==> flow/design.v <==
module cpu_sel_unit_mod #(
    parameter NBITS = 10
) (
    input wire aclk,
    input wire rst_ni,
    input wire [NBITS-1:0] i_src0,
    input wire [NBITS-1:0] i_src1,
    input wire [NBITS-1:0] i_src2,
    input wire [NBITS-1:0] i_src3,
    input wire [NBITS-1:0] i_src4,
    input wire [NBITS-1:0] i_src5,
    input wire [NBITS-1:0] i_src6,
    input wire [NBITS-1:0] i_src7,
    input wire [NBITS-1:0] i_src8,
    input wire [NBITS-1:0] i_src9,
    input wire [NBITS-1:0] i_src10,
    input wire [NBITS-1:0] i_src11,
    input wire [10:0] i_s,
    output reg [NBITS-1:0] o_o
);
    reg [NBITS-1:0] work;
    always @(*) begin
        casez (i_s)
            11'b??????????1: work = i_src0;
            11'b?????????10: work = i_src1;
            11'b????????100: work = i_src2;
            11'b???????1000: work = i_src3;
            11'b??????10000: work = i_src4;
            11'b?????100000: work = i_src5;
            11'b????1000000: work = i_src6;
            11'b???10000000: work = i_src7;
            11'b??100000000: work = i_src8;
            11'b?1000000000: work = i_src9;
            11'b10000000000: work = i_src10;
            default: work = i_src11;
        endcase
    end
    always @(posedge aclk or negedge rst_ni) begin
        if (!rst_ni) begin
            o_o <= 0;
        end else begin
            o_o <= work;
        end
    end
endmodule
**Step by step through the tools: cpu_sel_unit_mod**

Tool output for the design above, in the order of the flow.
Lines are those of the file above, counted from 1.
Operators carry their Yosys type and port widths (W data, S select, Z words).
Cell names lack the library's common part.
The mark - stands for no value.

- Top module: cpu_sel_unit_mod
- Clock: aclk
- Standard-cell library: sky130hd
- Library corner: tt_025C_1v80

**Word level**

Counts by Yosys on the flattened word-level netlist (proc, flatten, opt, wreduce; memories kept). Register bits leave out memories and registers merged into their read ports (data or address); mux counts leave out enables and synchronous resets folded into registers. Print and check cells are left out. Cells with the same type and inputs are merged into one.

- Memory bits (writable): 0
- Memories kept: 0
- Bits of input ports: 133
- Output and inout bits: 10
- Bits in registers: 10
- Memory bits (read-only): 0
- Clocked read ports x word width: 0
- Cells after elaboration: 12
- Latch bits: 0

- Add/sub/neg operators: 0
- Multiply operators: 0
- $lt $le $gt $ge: 0
- Multiplexer cells: 1
- Equality and inequality tests: 10
- Reductions and logical operators: 0
- Div/mod/pow operators: 0
- Bitwise operators: 0
- Shifts and indexed selects: 0

Operator list:

| operator | number |
|---|---|
| $pmux W10 S11 | 1 |
| $eq A11 B11 Y1 const B | 1 |
| $eq A10 B10 Y1 const B | 1 |
| $eq A9 B9 Y1 const B | 1 |
| $eq A8 B8 Y1 const B | 1 |
| $eq A7 B7 Y1 const B | 1 |
| $eq A6 B6 Y1 const B | 1 |
| $eq A5 B5 Y1 const B | 1 |
| $eq A4 B4 Y1 const B | 1 |
| $eq A3 B3 Y1 const B | 1 |
| $eq A2 B2 Y1 const B | 1 |

**Longest topological paths**

Longest topological path by Yosys (ltp), each cell counted once; first at word level (registers and memories cut), then after technology mapping (sequential cells cut; the memories' decode and read muxes count).

- Depth in word-level cells: 2
- ABC_AREA: 0
- Mapped depth: 5
- Depth with buffers taken out: 4

**Synthesis result**

Yosys stat after the flow's synthesis: flattened, memories mapped to cells. It holds for the ABC_AREA given above (unset counts as 0); a run with the other value may have another netlist.
Totals and module areas in this step are rounded.

- Buffer cells: 20
- Synthesis area: 1400 um^2
- Sequential part of the area: 250 um^2
- Mapped cells: 190
- Flip-flop cells: 10

Cell types:

| type | number | total area (um^2) |
|---|---|---|
| dfrtp_1 | 10 | 250.24 |
| nand2_1 | 40 | 150.144 |
| a31oi_1 | 20 | 125.12 |
| a221o_1 | 10 | 100.096 |
| a221oi_1 | 10 | 87.584 |
| a22o_1 | 10 | 87.584 |
| a32oi_1 | 10 | 87.584 |
| nand3b_1 | 10 | 75.072 |
| clkbuf_1 | 17 | 63.811 |
| nand2b_1 | 10 | 62.56 |
| nor2_2 | 10 | 62.56 |
| a21oi_1 | 10 | 50.048 |
| o21ai_0 | 10 | 50.048 |
| or4_4 | 2 | 22.522 |
| nor4_4 | 1 | 21.27 |
| nor2b_1 | 2 | 12.512 |
| or3_1 | 2 | 12.512 |
| buf_6 | 1 | 11.261 |

Not listed: further types 4, cells in them 5.

**Timing after synthesis**

OpenSTA on the mapped netlist: ideal clock, no wires. The path of least setup slack (recovery checks aside). Input and output delay are each 20% of the period. Register names are those of the netlist, which keeps one name where synthesis merged equal registers.

- Path kind: input to register
- Start: input port i_s[4]
- End: register o_o[0]
- Stages on the path: 5
- Path slack: 0.342 ns
- Input delay: 0.426 ns
- Delay of the path: 1.362 ns
- Setup time: 0.134 ns
- Clock period: 2.13 ns
- Arrival time: 1.654 ns
- Data required time: 1.996 ns
- Buffers on the path: 1
- Launch time at the first pin: 0.426 ns
- Synthesis period reached: 1.788 ns

"delay of the path" = arrival - input delay + setup time.
"stages on the path" counts driving pins, that of a launching flip-flop among them; a cell with two outputs on the path counts twice.
"synthesis period reached" = period - worst setup slack (recovery checks aside). The figure is calculated, with input and output delays left at 20% of the set period.
Between the ends stands the longest chain of elaborated cells between them, by number of cells; it is not shown to be the way that was timed. Of several equally long chains one is given.
Each line given opens the expression or statement behind the cell; cells for indexed reads and writes are added by Yosys, which also makes memories of some case tables.

- Cell sequence: or4_4 > or4_4 > buf_6 > nor2_2 > a31oi_1
- Length of the longest elaborated chain: 2
- Elaborated cells on any way between the ends: 8
- Source lines of those cells: 1
- Classes of those cells: eq/ne: 7; mux: 1

Ends and longest elaborated chain, after synthesis:

| what | line | source |
|---|---|---|
| start, declared | 18 | `input wire [10:0] i_s,` |
| $eq A11 B11 Y1 | 23 | `casez (i_s)` |
| $pmux W10 S11 | 23 |  |
| end, assigned | 40 | `o_o <= 0;` |
| end, assigned | 42 | `o_o <= work;` |
| end, declared | 19 | `output reg [NBITS-1:0] o_o` |

**Timing after layout**

From the final timing report of run 2: the path of least setup slack in the routed layout; clock arrival at registers is part of the times.

- Path kind: input to register
- Start: input port i_s[4]
- End: register o_o[2]
- Launch time at the first pin: 0.43 ns
- Path slack: 0.09 ns
- Data required time: 2.27 ns
- Buffers on the path: 1
- Setup time: 0.14 ns
- Arrival time: 2.18 ns
- Stages on the path: 5
- Clock period: 2.13 ns
- Input delay: 0.43 ns

Between the ends stands the longest chain of elaborated cells between them, by number of cells; it is not shown to be the way that was timed. Of several equally long chains one is given.

- Cell sequence: clkdlybuf4s50_1 > or4_4 > or4_4 > nor2_2 > a31oi_1
- Length of the longest elaborated chain: 2
- Elaborated cells on any way between the ends: 8
- Source lines of those cells: 1
- Classes of those cells: eq/ne: 7; mux: 1

Ends and longest elaborated chain, post-layout:

| what | line | source |
|---|---|---|
| start, declared | 18 | `input wire [10:0] i_s,` |
| $eq A11 B11 Y1 | 23 | `casez (i_s)` |
| $pmux W10 S11 | 23 |  |
| end, assigned | 40 | `o_o <= 0;` |
| end, assigned | 42 | `o_o <= work;` |
| end, declared | 19 | `output reg [NBITS-1:0] o_o` |

## Implementation results

Measured data: module cpu_sel_unit_mod, platform sky130hd, 3 stored runs of the flow under differing settings, order arbitrary. Input and output delays are each 20% of the period that was set; the output load is 0.01 pF.
By "reached clock period" is meant the clock period of the run minus its worst setup slack. This is arithmetic on one report: input and output delays are still those of the set period (20% each).
"time on the worst setup path" means the part of the period allowed to the worst setup path (the constraints hold back 20% at inputs and 20% at outputs) less its slack; where the path has registers, the arrival times of their clocks count too.
"total power after layout": no workload was simulated; the value follows from the tool's default switching activity.
Results are given in rounded form.

### Run 1

Settings: `period_ns=1.22`, `CORE_UTILIZATION=46`, `SETUP_SLACK_MARGIN=0.23`, `PLACE_DENSITY=0.65`, `CORE_MARGIN=3`, `CELL_PAD_IN_SITES_DETAIL_PLACEMENT=2`, `ABC_AREA=1`, `GPL_TIMING_DRIVEN=1`, `CTS_CLUSTER_DIAMETER=56`, `MIN_ROUTING_LAYER=met1`, `CAP_MARGIN=20`, `SLEW_MARGIN=20`

Not finished: placement ended with error GPL-0301.

### Run 2

Settings: `period_ns=2.13`, `CAP_MARGIN=20`, `CORE_MARGIN=2`, `CORE_UTILIZATION=40`, `SLEW_MARGIN=20`

- Total power after layout: 0.00084 W
- Area inside the die boundary: 3900 um^2
- Worst slack on setup checks: 0.085 ns
- Reached clock period: 2.045 ns
- Time on the worst setup path: 1.62 ns
- Critical path kind: input to register
- Post-layout utilization: 88%
- Standard-cell area after layout: 2900 um^2
- Final setup TNS: 0.000 ns
- Netlist area reported by Yosys: 1400 um^2

### Run 3

Settings: `period_ns=2.12`, `CORE_UTILIZATION=70`, `SETUP_SLACK_MARGIN=0.02`, `CELL_PAD_IN_SITES_DETAIL_PLACEMENT=2`, `TNS_END_PERCENT=5`, `CTS_CLUSTER_SIZE=82`, `CTS_CLUSTER_DIAMETER=245`, `MIN_ROUTING_LAYER=met1`, `CAP_MARGIN=20`, `CORE_MARGIN=2`, `SLEW_MARGIN=20`

Not finished: placement ended with error GPL-0301.
